==> flow/design.v <==
module gen_comparator_rtl #(
    parameter integer WD = 48
) (
    input wire sys_clk,
    input wire [WD-1:0] opa,
    input wire [WD-1:0] opb,
    input wire [WD-1:0] opc,
    output reg between
);
    reg [WD-1:0] opa_s;
    reg [WD-1:0] opb_s;
    reg [WD-1:0] opc_s;
    always @(posedge sys_clk) begin
        opa_s <= opa;
        opb_s <= opb;
        opc_s <= opc;
        between <= (opa_s >= opb_s) && (opa_s <= opc_s);
    end
endmodule
## Tool chain data of gen_comparator_rtl

Tool output for the design above, in the order of the flow.
Lines are those of the file above, counted from 1.
Operators: Yosys type, input widths -> output width; for muxes data width and select width s.
Cell names lack the library's common part.
The mark -- stands for no value.

- Top module: gen_comparator_rtl
- Clock port: sys_clk
- Standard-cell library: sky130hd
- Library corner: tt_025C_1v80

## Word-level counts

Yosys after proc, flatten, opt, wreduce and memory -nomap, before mapping. Enables and synchronous resets that opt folds into registers are not counted as muxes. Memory bits, and registers merged into a memory's read port (data or address), are not among the register bits. Print and check cells are not counted. Equal cells are merged and count once.

- Reductions and logical operators: 1
- Magnitude comparators: 2

Operators by type and width:

| cell | number |
|---|---|
| $ge 48x48->1 | 1 |
| $le 48x48->1 | 1 |
| $logic_and 1x1->1 | 1 |

- Input port bits: 145
- Output and inout port bits: 1
- Register bits: 145
- Word-level cells: 7

## Logic depth

Depth = most cells in a row (Yosys ltp): at word level without a register or memory, in the mapped netlist without a sequential cell, where the memories' decode and read muxes count.

- Word-level depth: 2
- ABC_AREA: 0
- Mapped depth: 8
- Gate-level depth less buffers: 8

## Netlist

Yosys stat after the flow's synthesis: flattened, memories mapped to cells. It holds for the ABC_AREA given above (unset counts as 0); a run with the other value may have another netlist.
Totals and module areas in this step are rounded.

- Buffer cells: 0
- Flip-flops: 145
- Standard cells after synthesis: 488
- Sequential area: 2900 µm²
- Mapped area: 5380 µm²

Cell types:

| cell | number | total area (µm²) |
|---|---|---|
| dfxtp_1 | 145 | 2.9E+03 |
| ha_1 | 96 | 1.2E+03 |
| inv_1 | 97 | 364.099 |
| a21oi_1 | 39 | 195.187 |
| nand2_1 | 25 | 93.84 |
| nand4_1 | 12 | 75.072 |
| nand4_2 | 5 | 62.56 |
| a21o_1 | 7 | 52.55 |
| nand3_1 | 10 | 50.048 |
| o21ai_0 | 9 | 45.043 |
| a221oi_1 | 5 | 43.792 |
| and4_1 | 3 | 26.275 |
| nor4_2 | 2 | 25.024 |
| nor4_4 | 1 | 21.27 |
| and3_1 | 3 | 18.768 |
| nor3_4 | 1 | 16.266 |
| a211oi_1 | 2 | 15.014 |
| nor2_1 | 4 | 15.014 |

Not listed: further types 16, cells in them 22.

## Worst setup path after synthesis

Source: OpenSTA report_checks on the synthesized netlist (no wires, ideal clock, input and output delay 20% of the period each), path of least setup slack; recovery checks are left aside. Register names are those of the netlist, which keeps one name where synthesis merged equal registers.

- Path kind: flip-flop to flip-flop
- From: register opb_s[15]
- To: register between
- Delay of the path: 1.665 ns
- Path buffers: 0
- Arrival: 1.544 ns
- Slack: 0.416 ns
- Setup time: 0.121 ns
- Launch time at the first pin: 0.000 ns
- Data required time: 1.959 ns
- Clock period: 2.08 ns
- Driving pins on the path: 9
- Period reached after synthesis: 1.664 ns

"delay of the path" = arrival - input delay + setup time.
"driving pins on the path": output pins that drive a net of the path, with the launching flip-flop's if there is one; two outputs of one cell count as two.
"period reached after synthesis" = period - worst setup slack (recovery checks aside). The figure is calculated, with input and output delays left at 20% of the set period.
The rows between start and end are the longest chain of elaborated cells between them; the timing report does not say that the signal goes this way. Where chains are equally long, one stands for them.
Each line given opens the expression or statement behind the cell; cells for indexed reads and writes are added by Yosys, which also makes memories of some case tables.

- Cells stage by stage: dfxtp_1 inv_1 ha_1 and3_1 a221oi_1 o2111ai_1 a31o_1 a21oi_1 nor4_2
- Cells in the longest elaborated chain: 2
- Elaborated cells between the ends (all ways): 2
- Source lines of those cells: 1
- Classes of those cells: compare: 1; reduce/logical: 1

Ends and longest elaborated chain, after synthesis:

| item | line | text |
|---|---|---|
| from (decl) | 11 | `reg [WD-1:0] opb_s;` |
| from (assign) | 15 | `opb_s <= opb;` |
| $ge 48x48->1 | 17 | `between <= (opa_s >= opb_s) && (opa_s <= opc_s);` |
| $logic_and 1x1->1 | 17 |  |
| to (assign) | 17 |  |
| to (decl) | 8 | `output reg between` |

## Path in the finished layout

Path of least setup slack in the final report of flow run A (OpenROAD, finished layout, wires in). Where an end is a register, its clock arrival counts in the times.

- Path kind: flip-flop to flip-flop
- From: register opc_s[27]
- To: register between
- Data required time: 2.38 ns
- Path buffers: 0
- Arrival: 2.19 ns
- Launch time at the first pin: 0.41 ns
- Clock period: 2.08 ns
- Driving pins on the path: 9
- Setup time: 0.11 ns
- Slack: 0.19 ns

The rows between start and end are the longest chain of elaborated cells between them; the timing report does not say that the signal goes this way. Where chains are equally long, one stands for them.

- Cells stage by stage: dfxtp_1 inv_1 ha_1 nand4_2 nor4_2 and3_1 nand2b_1 a21oi_1 nor4_2
- Cells in the longest elaborated chain: 2
- Elaborated cells between the ends (all ways): 2
- Source lines of those cells: 1
- Classes of those cells: compare: 1; reduce/logical: 1

Ends and longest elaborated chain, post-layout:

| item | line | text |
|---|---|---|
| from (decl) | 12 | `reg [WD-1:0] opc_s;` |
| from (assign) | 16 | `opc_s <= opc;` |
| $le 48x48->1 | 17 | `between <= (opa_s >= opb_s) && (opa_s <= opc_s);` |
| $logic_and 1x1->1 | 17 |  |
| to (assign) | 17 |  |
| to (decl) | 8 | `output reg between` |

Memo
Re: implementation data of gen_comparator_rtl

gen_comparator_rtl through Yosys and OpenROAD on sky130hd: 3 stored runs, unordered, with their settings and measured results. The constraints put input and output delay at 20% of the set period each and load the outputs with 0.01 pF.
"achieved clock period" = clock period - worst setup slack. The figure is calculated, with input and output delays left at 20% of the set period.
"time on the worst setup path" is the time allowed to the run's worst setup path (the clock period less input and output delay, where it has them) less its slack. Clock arrival times count: a late capture clock shortens it, a late launch clock lengthens it.
By "total power of the final layout" is meant OpenSTA's value without simulated activity: inputs other than the clock are taken to toggle once in ten clock periods, and the tool carries that through the logic.
Values from the reports are rounded here.

### Flow run A

==> flow/run.sh <==
#!/bin/bash
# the make line also repeats the synthesis and layout settings of config.mk as NAME=value (left out here)
make -C /OpenROAD-flow-scripts/flow DESIGN_CONFIG=/design/flow/config.mk WORK_HOME=/design/flow/orfs CLKGATE_MAP_FILE= finish
==> flow/config.mk <==
export PLATFORM = sky130hd
export DESIGN_NAME = gen_comparator_rtl
export DESIGN_NICKNAME = gen_comparator_rtl
export VERILOG_FILES = /design/flow/design.v
export SDC_FILE = /design/flow/constraint.sdc
export NUM_CORES = 4
export LEC_CHECK = 0
export CAP_MARGIN = 20
export CORE_MARGIN = 2
export CORE_UTILIZATION = 40
export SLEW_MARGIN = 20
==> flow/constraint.sdc <==
create_clock -name core_clock -period 2.08 [get_ports {sys_clk}]
set_input_delay 0.4160 -clock core_clock [delete_from_list [all_inputs] [get_ports {sys_clk}]]
set_output_delay 0.4160 -clock core_clock [all_outputs]
set_load 0.01 [all_outputs]

Results of flow run A:
- Total power of the final layout: 6.72 mW
- Worst hold slack in the final report: 0.439 ns
- Total negative setup slack: 0.000 ns
- Worst setup slack after layout: 0.194 ns
- Achieved clock period: 1.886 ns
- Final design utilization: 57.9%
- Time on the worst setup path: 1.89 ns
- Worst path kind: flip-flop to flip-flop
- Standard-cell area of the final layout: 7640 µm²
- Area inside the die boundary: 14400 µm²
- Chip area after synthesis (Yosys): 5380 µm²

### Flow run B

==> flow/run.sh <==
#!/bin/bash
# the make line also repeats the synthesis and layout settings of config.mk as NAME=value (left out here)
make -C /OpenROAD-flow-scripts/flow DESIGN_CONFIG=/design/flow/config.mk WORK_HOME=/design/flow/orfs CLKGATE_MAP_FILE= finish
==> flow/config.mk <==
export PLATFORM = sky130hd
export DESIGN_NAME = gen_comparator_rtl
export DESIGN_NICKNAME = gen_comparator_rtl
export VERILOG_FILES = /design/flow/design.v
export SDC_FILE = /design/flow/constraint.sdc
export NUM_CORES = 4
export LEC_CHECK = 0
export ABC_AREA = 0
export CAP_MARGIN = 20
export CELL_PAD_IN_SITES_DETAIL_PLACEMENT = 1
export CORE_MARGIN = 3
export CORE_UTILIZATION = 50
export GPL_TIMING_DRIVEN = 1
export HOLD_SLACK_MARGIN = 0.02
export SETUP_SLACK_MARGIN = 0.76
export SLEW_MARGIN = 20
==> flow/constraint.sdc <==
create_clock -name core_clock -period 2.91 [get_ports {sys_clk}]
set_input_delay 0.5820 -clock core_clock [delete_from_list [all_inputs] [get_ports {sys_clk}]]
set_output_delay 0.5820 -clock core_clock [all_outputs]
set_load 0.01 [all_outputs]

Outcome of flow run B: not finished: routing ended with error GRT-0232

### Flow run C

==> flow/run.sh <==
#!/bin/bash
# the make line also repeats the synthesis and layout settings of config.mk as NAME=value (left out here)
make -C /OpenROAD-flow-scripts/flow DESIGN_CONFIG=/design/flow/config.mk WORK_HOME=/design/flow/orfs CLKGATE_MAP_FILE= finish
==> flow/config.mk <==
export PLATFORM = sky130hd
export DESIGN_NAME = gen_comparator_rtl
export DESIGN_NICKNAME = gen_comparator_rtl
export VERILOG_FILES = /design/flow/design.v
export SDC_FILE = /design/flow/constraint.sdc
export NUM_CORES = 4
export LEC_CHECK = 0
export CAP_MARGIN = 20
export CELL_PAD_IN_SITES_DETAIL_PLACEMENT = 1
export CORE_MARGIN = 2
export CORE_UTILIZATION = 68
export GPL_ROUTABILITY_DRIVEN = 0
export GPL_TIMING_DRIVEN = 0
export MAX_ROUTING_LAYER = met4
export MIN_ROUTING_LAYER = met2
export PLACE_DENSITY_LB_ADDON = 0.08
export SLEW_MARGIN = 20
export TNS_END_PERCENT = 60
==> flow/constraint.sdc <==
create_clock -name core_clock -period 2.25 [get_ports {sys_clk}]
set_input_delay 0.4500 -clock core_clock [delete_from_list [all_inputs] [get_ports {sys_clk}]]
set_output_delay 0.4500 -clock core_clock [all_outputs]
set_load 0.01 [all_outputs]

Outcome of flow run C: not finished: placement ended with error DPL-0033
